==> flow/design.v <==
module core_mul #(
    parameter integer WD = 40
) (
    input  wire clock,
    input  wire RSTN,
    input  wire [WD-1:0] in_lhs,
    input  wire [WD-1:0] in_rhs,
    output wire [WD-1:0] out_out
);
    reg [WD-1:0] lhs_q;
    reg [WD-1:0] rhs_q;
    always @(posedge clock or negedge RSTN) begin
        if (!RSTN) begin
            lhs_q <= 0;
            rhs_q <= 0;
        end else begin
            lhs_q <= in_lhs;
            rhs_q <= in_rhs;
        end
    end
    assign out_out = lhs_q * rhs_q;
endmodule
* Tool chain data of core_mul
The steps from the RTL of core_mul to its reports follow in flow order. Lines are those of the file above, counted from 1. Cell names lack the library's common part. The mark - stands for no value.
Set-up: design top core_mul, clock port clock, cell library sky130hd, library corner tt_025C_1v80

* Elaborated design
Counts by Yosys on the flattened word-level netlist (proc, flatten, opt, wreduce; memories kept). Register bits leave out memories and registers merged into their read ports (data or address); mux counts leave out enables and synchronous resets folded into registers. Print and check cells are left out. Cells with the same type and inputs are merged into one.
Word-level totals: register bits after elaboration 80, input bits 82, elaborated cells 3
Operators by class: multipliers 1
Operators with widths (count):
- 40-bit by 40-bit multiplier with 40-bit output | 1

* Longest topological paths
Longest topological path by Yosys (ltp), each cell counted once; first at word level (registers and memories cut), then after technology mapping (sequential cells cut; the memories' decode and read muxes count).
Depth: depth after elaboration 1, ABC_AREA 0, depth in mapped cells 28

* Mapped cells and area
The flow's flattened synthesis, as Yosys stat reports it; memories are mapped. The netlist is that of the ABC_AREA named above (0 if unset); the other value can give another one. The area totals of this step are shown rounded.
Synthesis totals: cells in the netlist 2851, chip area (Yosys) 26800 µm², sequential area 2000 µm², flip-flops 80, buffers 143
Cell types:
- fa_1 | count 671, area in all 1.34E+04 µm²
- and2_1 | count 474, area in all 2.97E+03 µm²
- inv_1 | count 724, area in all 2.72E+03 µm²
- ha_1 | count 164, area in all 2.05E+03 µm²
- dfrtp_1 | count 80, area in all 2001.92 µm²
- nand2_1 | count 361, area in all 1355.05 µm²
- xnor2_1 | count 85, area in all 744.464 µm²
- clkbuf_1 | count 143, area in all 536.765 µm²
- xor2_1 | count 21, area in all 183.926 µm²
- a21oi_1 | count 22, area in all 110.106 µm²
- a21o_1 | count 14, area in all 105.101 µm²
- nor2_1 | count 17, area in all 63.811 µm²
- o21a_1 | count 8, area in all 60.058 µm²
- o21ai_0 | count 12, area in all 60.058 µm²
- nand2b_1 | count 6, area in all 37.536 µm²
- o21bai_1 | count 4, area in all 30.029 µm²
- o21ai_1 | count 5, area in all 25.024 µm²
- a211oi_1 | count 3, area in all 22.522 µm²
Other cell types: 29; their cells: 37.

* Worst setup path after synthesis
Source: OpenSTA report_checks on the synthesized netlist (no wires, ideal clock, input and output delay 20% of the period each), path of least setup slack; recovery checks are left aside. Register names are those of the netlist, which keeps one name where synthesis merged equal registers.
Timing after synthesis: kind register to output, from register rhs_q[4], to output port out_out[37], period 10500 ps, external output delay 2100 ps, time at the first pin 0 ps, arrival time 6725 ps, path slack 1675 ps, delay of the path 6725 ps, stages on the path 26, period reached after synthesis 8825 ps
"delay of the path" is the arrival time less input delay plus setup time. At an output port there is no setup time. "stages on the path" counts driving pins, that of a launching flip-flop among them; a cell with two outputs on the path counts twice. "period reached after synthesis" is the clock period less the worst setup slack; recovery checks do not enter. This is arithmetic on one report: input and output delays are still those of the set period (20% each). The rows between start and end are the longest chain of elaborated cells between them; the timing report does not say that the signal goes this way. Where chains are equally long, one stands for them. Each line given opens the expression or statement behind the cell; cells for indexed reads and writes are added by Yosys, which also makes memories of some case tables.
On the way, after synthesis: path through dfrtp_1 -> clkbuf_1 -> clkbuf_1 -> nand2_1 -> fa_1 -> inv_1 -> fa_1 -> inv_1 -> fa_1 -> fa_1 -> inv_1 -> fa_1 -> fa_1 -> fa_1 -> inv_1 -> fa_1 -> inv_1 -> ha_1 -> and3_1 -> nand2_1 -> o21a_1 -> o22ai_1 -> o211ai_2 -> o21ai_1 -> a31oi_1 -> xnor2_1, length of the longest elaborated chain 1, elaborated cells between the ends (all ways) 1, RTL lines with such cells 1, classes of those cells mul (1)
Ends and longest elaborated chain, after synthesis:
- start: declaration | line 11 | reg [WD-1:0] rhs_q;
- start: assignment | line 15 | rhs_q <= 0;
- start: assignment | line 18 | rhs_q <= in_rhs;
- 40-bit by 40-bit multiplier with 40-bit output | line 21 | assign out_out = lhs_q * rhs_q;
- end: declaration | line 8 | output wire [WD-1:0] out_out

* Timing after layout
Path of least setup slack in the final report of run 1 (OpenROAD, finished layout, wires in). Where an end is a register, its clock arrival counts in the times. The path's times are printed in steps of 10 ps; the period is the one set.
Timing after layout: kind register to output, from register lhs_q[18], to output port out_out[36], period 9230 ps, external output delay 1850 ps, time at the first pin 380 ps, arrival time 7520 ps, path slack -130 ps, stages on the path 27
The rows between start and end are the longest chain of elaborated cells between them; the timing report does not say that the signal goes this way. Where chains are equally long, one stands for them.
On the way, after layout: path through dfrtp_1 -> buf_12 -> buf_4 -> and2_1 -> fa_1 -> inv_1 -> fa_1 -> fa_2 -> fa_1 -> fa_1 -> inv_1 -> fa_2 -> fa_1 -> inv_1 -> fa_1 -> inv_1 -> ha_1 -> o21ai_0 -> nand2b_1 -> nand3_2 -> nor3_4 -> o21ai_2 -> a21boi_2 -> buf_4 -> nor4_1 -> a311o_1 -> dlygate4sd2_1, length of the longest elaborated chain 1, elaborated cells between the ends (all ways) 1, RTL lines with such cells 1, classes of those cells mul (1)
Ends and longest elaborated chain, after layout:
- start: declaration | line 10 | reg [WD-1:0] lhs_q;
- start: assignment | line 14 | lhs_q <= 0;
- start: assignment | line 17 | lhs_q <= in_lhs;
- 40-bit by 40-bit multiplier with 40-bit output | line 21 | assign out_out = lhs_q * rhs_q;
- end: declaration | line 8 | output wire [WD-1:0] out_out

# Flow runs of core_mul

Flow measurements of core_mul on sky130hd: 3 stored runs with different settings, listed in no order. Input and output delays are each 20% of the period that was set; the output load is 0.01 pF.
"time of the worst setup path" is the time allowed to the run's worst setup path (the clock period less input and output delay, where it has them) less its slack. Clock arrival times count: a late capture clock shortens it, a late launch clock lengthens it.
"time of the worst setup path" is given in steps of 10 ps.
Results are given in rounded form.

* Run 1 | settings: period_ns 9.23; CORE_UTILIZATION 36; SETUP_SLACK_MARGIN -0.48; CORE_MARGIN 9; ABC_AREA 0; GPL_ROUTABILITY_DRIVEN 1; SLEW_MARGIN 0; MAX_ROUTING_LAYER met4; CAP_MARGIN 20 | results: time of the worst setup path 7520 ps; worst setup path kind register to output; full die area 84600 µm²; total negative slack on setup checks -467 ps; chip area after synthesis (Yosys) 26800 µm²; lowest setup slack -133 ps; standard-cell area of the final layout 31200 µm²
* Run 2 | settings: period_ns 5.71; CORE_UTILIZATION 16; PLACE_DENSITY 0.36; CORE_MARGIN 3; CELL_PAD_IN_SITES_GLOBAL_PLACEMENT 3; TNS_END_PERCENT 100; GPL_TIMING_DRIVEN 0; CAP_MARGIN 25; MIN_ROUTING_LAYER met1; SLEW_MARGIN 20 | results: time of the worst setup path 7580 ps; worst setup path kind register to output; full die area 173000 µm²; total negative slack on setup checks -68200 ps; chip area after synthesis (Yosys) 26800 µm²; lowest setup slack -3020 ps; standard-cell area of the final layout 36600 µm²
* Run 3 | settings: period_ns 10.5; CAP_MARGIN 20; CORE_MARGIN 2; CORE_UTILIZATION 40; SLEW_MARGIN 20 | results: time of the worst setup path 8030 ps; worst setup path kind register to output; full die area 69100 µm²; total negative slack on setup checks 0 ps; chip area after synthesis (Yosys) 26800 µm²; lowest setup slack 371 ps; standard-cell area of the final layout 29600 µm²
